==> flow/design.v <==
module data_mux_stage #(
   parameter DATA_WIDTH = 2,
   parameter NIN = 20,
   parameter SBITS = $clog2(NIN)
) (
   input  clk_i,
   input  RST,
   input  [NIN*DATA_WIDTH-1:0] src,
   input  [SBITS-1:0] addr,
   output reg [DATA_WIDTH-1:0] dout
);
   reg [NIN*DATA_WIDTH-1:0] src_d1;
   reg [SBITS-1:0] addr_d1;
   wire [NIN*DATA_WIDTH-1:0] r;
   assign r = src_d1 >> (addr_d1 * DATA_WIDTH);
   always @(posedge clk_i or posedge RST) begin
      if (RST) begin
         src_d1 <= 0;
         addr_d1 <= 0;
         dout <= 0;
      end else begin
         src_d1 <= src;
         addr_d1 <= addr;
         dout <= r[DATA_WIDTH-1:0];
      end
   end
endmodule
# == Step by step through the tools: data_mux_stage ==
# The steps from the RTL of data_mux_stage to its reports follow in flow order.
# Lines are those of the file above, counted from 1.
# Cell names lack the library's common part.
# Not given: -
# inputs
top_module,data_mux_stage
clk_port,clk_i
library,sky130hd
pvt_corner,tt_025C_1v80

# == Word-level counts ==
# Yosys after proc, flatten, opt, wreduce and memory -nomap, before mapping. Enables and synchronous resets that opt folds into registers are not counted as muxes. Memory bits, and registers merged into a memory's read port (data or address), are not among the register bits. Print and check cells are not counted. Equal cells are merged and count once.
# bits
output_inout_bits,2
elab_cells,4
ff_bits,47
input_bits,47
# classes
shifts,1
# op_table
cell,count
40-bit by 6-bit >> shifter with 2-bit output,1

# == Longest topological paths ==
# Yosys ltp: most cells in a row. Word level: on the elaborated netlist, between registers, memories and ports. Mapped: between sequential cells and ports; inverters and the memories' decode and read muxes count.
# depth
word_depth,1
ABC_AREA,0
ltp_mapped,6
depth_no_buf,4

# == Synthesis result ==
# The flow's flattened synthesis, as Yosys stat reports it; memories are mapped. The netlist is that of the ABC_AREA named above (0 if unset); the other value can give another one.
# The area totals of this step are shown rounded.
# synth_totals
ffs,47
yosys_area_um2,1560
buffers,4
stdcells,87
sequential_area_um2,1180
# by_type
cell_type,count,type_area_um2
dfrtp_1,47,1.18E+03
mux4_2,5,112.608
nor2b_1,8,50.048
a211oi_1,4,30.029
mux4_1,1,26.275
mux2_2,2,22.522
mux2i_1,2,20.019
a2111oi_0,2,17.517
a2bb2oi_2,1,15.014
o21bai_1,2,15.014
nand2b_1,2,12.512
nor4_1,2,12.512
buf_6,1,11.261
buf_2,2,10.01
o21ai_0,2,10.01
a2bb2oi_1,1,8.758
clkbuf_1,1,3.754
inv_1,1,3.754
nand2_1,1,3.754

# == Worst setup path after synthesis ==
# OpenSTA on the mapped netlist: ideal clock, no wires. The path of least setup slack (recovery checks aside). Input and output delay are each 20% of the period. Register names are those of the netlist, which keeps one name where synthesis merged equal registers.
# synth_timing
path_kind,reg2reg
from,register addr_d1[1]
to,register dout[0]
slack_ps,361
path_stages,6
delay_ps,1450
clock_period_ps,1810
t_required_ps,1686
path_buffers,1
arrival_ps,1326
period_less_setup_slack_ps,1449
# "delay_ps" = arrival - input delay + setup time.
# "path_stages": output pins that drive a net of the path, with the launching flip-flop's if there is one; two outputs of one cell count as two.
# "period_less_setup_slack_ps" = period - worst setup slack (recovery checks aside). The figure is calculated, with input and output delays left at 20% of the set period.
# The rows between start and end are the longest chain of elaborated cells between them; the timing report does not say that the signal goes this way. Where chains are equally long, one stands for them.
# Each line given opens the expression or statement behind the cell; cells for indexed reads and writes are added by Yosys, which also makes memories of some case tables.
# synth_via
path_cell_list,dfrtp_1 buf_6 mux4_2 mux2i_1 a2bb2oi_2 o21bai_1
elab_chain_len,1
cone_cells,1
cone_lines,1
classes_between,shift (1)
# synth_rtl
element,line_no,rtl
from (decl),13,reg [SBITS-1:0] addr_d1;
from (assign),19,addr_d1 <= 0;
from (assign),23,addr_d1 <= addr;
40-bit by 6-bit >> shifter with 2-bit output,15,assign r = src_d1 >> (addr_d1 * DATA_WIDTH);
to (assign),20,dout <= 0;
to (assign),24,dout <= r[DATA_WIDTH-1:0];
to (decl),10,output reg [DATA_WIDTH-1:0] dout

# == Path in the finished layout ==
# Path of least setup slack in the final report of run A (OpenROAD, finished layout, wires in). Where an end is a register, its clock arrival counts in the times.
# The report prints the path's times to 10 ps; the period is as set.
# layout_timing
path_kind,reg2reg
from,register addr_d1[1]
to,register dout[0]
slack_ps,270
path_buffers,1
path_stages,6
clock_period_ps,1830
t_required_ps,2000
arrival_ps,1730
# The rows between start and end are the longest chain of elaborated cells between them; the timing report does not say that the signal goes this way. Where chains are equally long, one stands for them.
# layout_via
path_cell_list,dfrtp_2 buf_12 mux4_2 mux2i_1 a2bb2oi_2 o21bai_1
elab_chain_len,1
cone_cells,1
cone_lines,1
classes_between,shift (1)
# layout_rtl
element,line_no,rtl
from (decl),13,reg [SBITS-1:0] addr_d1;
from (assign),19,addr_d1 <= 0;
from (assign),23,addr_d1 <= addr;
40-bit by 6-bit >> shifter with 2-bit output,15,assign r = src_d1 >> (addr_d1 * DATA_WIDTH);
to (assign),20,dout <= 0;
to (assign),24,dout <= r[DATA_WIDTH-1:0];
to (decl),10,output reg [DATA_WIDTH-1:0] dout

# Measured results for data_mux_stage: 3 stored runs of the Yosys and OpenROAD flow on sky130hd. The settings differ; the order carries no meaning. The constraints put input and output delay at 20% of the set period each and load the outputs with 0.01 pF.
# "period_less_ws_ps" = clock period - worst setup slack. The figure is calculated, with input and output delays left at 20% of the set period.
# "worst_path_time_ps" is the time allowed to the run's worst setup path (the clock period less input and output delay, where it has them) less its slack. Clock arrival times count: a late capture clock shortens it, a late launch clock lengthens it.
# "total_power_mw": no workload was simulated; the value follows from the tool's default switching activity.
# "worst_path_time_ps" is known to 10 ps.
# Results are given in rounded form.
# Settings: -- = not set for that run.
# Results: -- = not shown.
stored run,period_ns,CORE_UTILIZATION,SETUP_SLACK_MARGIN,PLACE_DENSITY_LB_ADDON,CELL_PAD_IN_SITES_GLOBAL_PLACEMENT,MIN_ROUTING_LAYER,CAP_MARGIN,CORE_MARGIN,SLEW_MARGIN,CORE_ASPECT_RATIO,CELL_PAD_IN_SITES_DETAIL_PLACEMENT,ABC_AREA,GPL_TIMING_DRIVEN,CTS_CLUSTER_SIZE,final_util_pct,finalCellArea_um2,worstSetupSlack_ps,total_power_mw,tns_ps,design.die.area_um2,worst_path_time_ps,timing.worst_path_kind,yosys_chip_area_um2,period_less_ws_ps
run A,1.83,20,0.38,0.27,3,met1,20,2,20,--,--,--,--,--,29.9,2290,273,1.91,0,8530,1560,reg2reg,1560,1557
run B,1.98,63,-0.17,0.29,1,met2,30,2,20,1.69,1,1,1,70,--,--,--,--,--,--,--,--,--,--
run C,1.81,40,--,--,--,--,20,2,20,--,--,--,--,--,59.3,2200,159,1.95,0,4420,1650,reg2reg,1560,1651
# Run B: no results, placement failed with FLW-0024
